==> flow/design.v <==
module full_adder (
  input logic a,
  input logic b,
  input logic ci,
  output logic s,
  output logic co
);
  assign {co, s} = a + b + ci;
endmodule
module u_add_sub_stage #(
  parameter WD = 96
) (
  input  logic clk,
  input  logic [WD-1:0] A,
  input  logic [WD-1:0] B,
  input  logic dir,
  output logic [WD-1:0] diff,
  output logic cout
);
  logic [WD-1:0] A_s;
  logic [WD-1:0] B_s;
  logic dir_s;
  always_ff @(posedge clk) begin
    A_s <= A;
    B_s <= B;
    dir_s <= dir;
  end
  logic [WD-1:0] tmp;
  logic [WD:0] cy;
  assign cy[0] = dir_s;
  generate
    for (genvar ii = 0; ii < WD; ii++) begin : g_bit
      full_adder inst (.a(A_s[ii]), .b(B_s[ii] ^ dir_s), .ci(cy[ii]), .s(tmp[ii]), .co(cy[ii+1]));
    end
  endgenerate
  assign diff = tmp;
  assign cout = cy[WD];
endmodule
# Tool chain data of u_add_sub_stage
# Tool output for the design above, in the order of the flow.
# Line numbers count from 1 in the design file above.
# Operators: Yosys type, input widths -> output width; for muxes data width and select width s.
# Cell names lack the library's common part.
# A cell with n/a has no value.
[inputs]
top_module = "u_add_sub_stage"
clk_port = "clk"
cell_library = "sky130hd"
pvt_corner = "tt_025C_1v80"

# Word level
# Yosys after proc, flatten, opt, wreduce and memory -nomap, before mapping. Enables and synchronous resets that opt folds into registers are not counted as muxes. Memory bits, and registers merged into a memory's read port (data or address), are not among the register bits. Print and check cells are not counted. Equal cells are merged and count once.
[word_totals]
reg_bits = 193
inputBits = 194
out_inout_bits = 97
word_cells = 291
[op_classes]
addsub = 192
bitwise = 96
[ops]
columns = ["operator", "n"]
rows = [
  ["$add 1x1->2", 96],
  ["$add 2x1->2", 96],
  ["$xor 1x1->1", 96],
]

# Longest topological paths
# Depth = most cells in a row (Yosys ltp): at word level without a register or memory, in the mapped netlist without a sequential cell, where the memories' decode and read muxes count.
[logic_depth]
depth_word = 98
abc_area = 0
mapped_depth = 101
ltp_nobuf = 98

# Synthesis result
# Yosys stat after the flow's synthesis: flattened, memories mapped to cells. It holds for the ABC_AREA given above (unset counts as 0); a run with the other value may have another netlist.
# The area totals of this step are shown rounded.
[synth_totals]
stdcells = 680
mapped_area_um2 = 8160
sequential_area_um2 = 3860
flip_flops = 193
buf_cells = 107
[types]
columns = ["cell_type", "n", "area_total_um2"]
rows = [
  ["dfxtp_1", 193, 3.86E+03],
  ["fa_1", 95, 1.9E+03],
  ["xnor2_1", 93, 814.531],
  ["buf_4", 101, 758.227],
  ["inv_1", 188, 705.677],
  ["buf_8", 4, 60.058],
  ["xor2_1", 3, 26.275],
  ["buf_6", 2, 22.522],
  ["mux2_2", 1, 11.261],
]
# By module: a second synthesis without flattening, with its own total; a netlist apart from the flattened one above.
[hier_totals]
cells_unflattened = 396
hier_area_um2 = 6770
# Each row is one instance without its submodules.
[modules]
columns = ["mod", "instances", "n_cells", "area_um2", "seq_area_um2"]
rows = [
  ["u_add_sub_stage", 1, 300, 4840, 3860],
  ["full_adder", 96, 1, 20.0, 0.0],
]

# Worst setup path after synthesis
# Source: OpenSTA report_checks on the synthesized netlist (no wires, ideal clock, input and output delay 20% of the period each), path of least setup slack; recovery checks are left aside. Register names are those of the netlist, which keeps one name where synthesis merged equal registers.
[synth_path]
kind = "reg-to-output"
start = "register dir_s"
end = "output diff[95]"
period_ps = 63300
out_delay_ps = 12660
launch_ps = 0
arrival_ps = 40532
t_required_ps = 50640
setup_slack_ps = 10108
path_delay_ps = 40532
path_stages = 102
n_path_buf = 3
synth_period_reached_ps = 53192
# "path_delay_ps" is the arrival time less input delay plus setup time.
# A path that ends at an output port has no setup time.
# "path_stages": output pins that drive a net of the path, with the launching flip-flop's if there is one; two outputs of one cell count as two.
# "synth_period_reached_ps" = period - worst setup slack (recovery checks aside). The figure is calculated, with input and output delays left at 20% of the set period.
# Between the ends stands the longest chain of elaborated cells between them, by number of cells; it is not shown to be the way that was timed. Of several equally long chains one is given.
# A line is the first line of the expression or statement that the cell stems from. Yosys adds cells for indexed reads and writes and turns some case tables into memories.
[synth_between]
cell_sequence = "dfxtp_1 buf_6 buf_6 xor2_1 fa_1 inv_1 fa_1 fa_1 fa_1 fa_1 fa_1 fa_1 fa_1 fa_1 fa_1 fa_1 fa_1 fa_1 [... 66 more ...] fa_1 fa_1 fa_1 fa_1 fa_1 fa_1 fa_1 fa_1 fa_1 fa_1 fa_1 fa_1 fa_1 fa_1 fa_1 inv_1 fa_1 buf_4"
elab_chain_len = 98
cells_between = 288
cone_lines = 2
classes_between = "add/sub: 192; logic: 96"
[synth_rtl]
columns = ["element", "line", "rtl"]
rows = [
  ["from (decl)", 22, "logic dir_s;"],
  ["from (assign)", 26, "dir_s <= dir;"],
  ["$xor 1x1->1", 33, "full_adder inst (.a(A_s[ii]), .b(B_s[ii] ^ dir_s), .ci(cy[ii]), .s(tmp[ii]), .co(cy[ii+1]));"],
  ["$add 1x1->2", 8, "assign {co, s} = a + b + ci;"],
  ["$add 2x1->2 (96 in a row)", 8, ""],
  ["to (decl)", 17, "output logic [WD-1:0] diff,"],
]
# Nets of the timed path that keep an RTL name, with a line that drives or declares them; the list need not be complete.
[synth_nets]
columns = ["signal", "line"]
rows = [
  ["g_bit[95].inst.s", 8],
]

# Path in the finished layout
# Path of least setup slack in the final report of job 1 (OpenROAD, finished layout, wires in). Where an end is a register, its clock arrival counts in the times.
# The path's times are printed in steps of 10 ps; the period is the one set.
[layout_path]
kind = "reg-to-output"
start = "register dir_s"
end = "output diff[95]"
period_ps = 79500
out_delay_ps = 15900
launch_ps = 420
arrival_ps = 42990
t_required_ps = 63600
setup_slack_ps = 20610
path_stages = 99
n_path_buf = 2
# Between the ends stands the longest chain of elaborated cells between them, by number of cells; it is not shown to be the way that was timed. Of several equally long chains one is given.
[layout_between]
cell_sequence = "dfxtp_4 buf_4 xnor2_1 fa_1 fa_1 fa_1 fa_1 fa_1 fa_1 fa_1 fa_1 fa_1 fa_1 fa_1 fa_1 fa_1 fa_1 fa_1 [... 63 more ...] fa_1 fa_1 fa_1 fa_1 fa_1 fa_1 fa_1 fa_1 fa_1 fa_1 fa_1 fa_1 fa_1 fa_1 fa_1 inv_1 fa_1 clkdlybuf4s50_1"
elab_chain_len = 98
cells_between = 288
cone_lines = 2
classes_between = "add/sub: 192; logic: 96"
[layout_rtl]
columns = ["element", "line", "rtl"]
rows = [
  ["from (decl)", 22, "logic dir_s;"],
  ["from (assign)", 26, "dir_s <= dir;"],
  ["$xor 1x1->1", 33, "full_adder inst (.a(A_s[ii]), .b(B_s[ii] ^ dir_s), .ci(cy[ii]), .s(tmp[ii]), .co(cy[ii+1]));"],
  ["$add 1x1->2", 8, "assign {co, s} = a + b + ci;"],
  ["$add 2x1->2 (96 in a row)", 8, ""],
  ["to (decl)", 17, "output logic [WD-1:0] diff,"],
]

# Below are 3 stored runs of the flow (Yosys, OpenROAD; platform sky130hd) on u_add_sub_stage, each with its settings and what was measured, unordered. Constraints: input delay and output delay 20% of the set period each, output load 0.01 pF.
# "period_reached_ps": clock period set for the run, less the worst setup slack. It is reckoned from that one timing run; input and output delays stay at 20% of the period that was set.
# "worstPathTime_ps" means the part of the period allowed to the worst setup path (the constraints hold back 20% at inputs and 20% at outputs) less its slack; where the path has registers, the arrival times of their clocks count too.
# "power_w" is the tool's figure for a default switching activity; nothing was simulated.
# "worstPathTime_ps" is known to 10 ps.
# The results are shown rounded.

[[run]]
name = "job 1"
[run.settings]
period_ns = 79.5
CORE_UTILIZATION = 61
SETUP_SLACK_MARGIN = 2.9
PLACE_DENSITY_LB_ADDON = 0.04
CELL_PAD_IN_SITES_DETAIL_PLACEMENT = 0
GPL_TIMING_DRIVEN = 1
CTS_CLUSTER_SIZE = 27
CAP_MARGIN = 40
CORE_MARGIN = 2
SLEW_MARGIN = 20
[run.results]
post_synth_area_um2 = 8160
die_um2 = 14300
finish.utilization_pct = 84.5
ws_setup_ps = 20600
total_negative_slack_ps = 0
final_hold_ws_ps = 15900
power_w = 0.000278
period_reached_ps = 58887
worstPathTime_ps = 42990
critical_path_type = "reg-to-output"

[[run]]
name = "job 2"
[run.settings]
period_ns = 47.5
CORE_UTILIZATION = 57
SETUP_SLACK_MARGIN = -2.0
PLACE_DENSITY_LB_ADDON = 0.11
CORE_ASPECT_RATIO = 0.81
CELL_PAD_IN_SITES_GLOBAL_PLACEMENT = 3
TNS_END_PERCENT = 35
ABC_AREA = 1
GPL_TIMING_DRIVEN = 1
SLEW_MARGIN = 5
MAX_ROUTING_LAYER = "met5"
CAP_MARGIN = 20
CORE_MARGIN = 2
[run.results]
outcome = "no final report: placement broke off with FLW-0024"

[[run]]
name = "job 3"
[run.settings]
period_ns = 63.3
CAP_MARGIN = 20
CORE_MARGIN = 2
CORE_UTILIZATION = 40
SLEW_MARGIN = 20
[run.results]
post_synth_area_um2 = 8160
die_um2 = 21600
finish.utilization_pct = 55.5
ws_setup_ps = 8020
total_negative_slack_ps = 0
final_hold_ws_ps = 12700
power_w = 0.000334
period_reached_ps = 55276
worstPathTime_ps = 42620
critical_path_type = "reg-to-output"
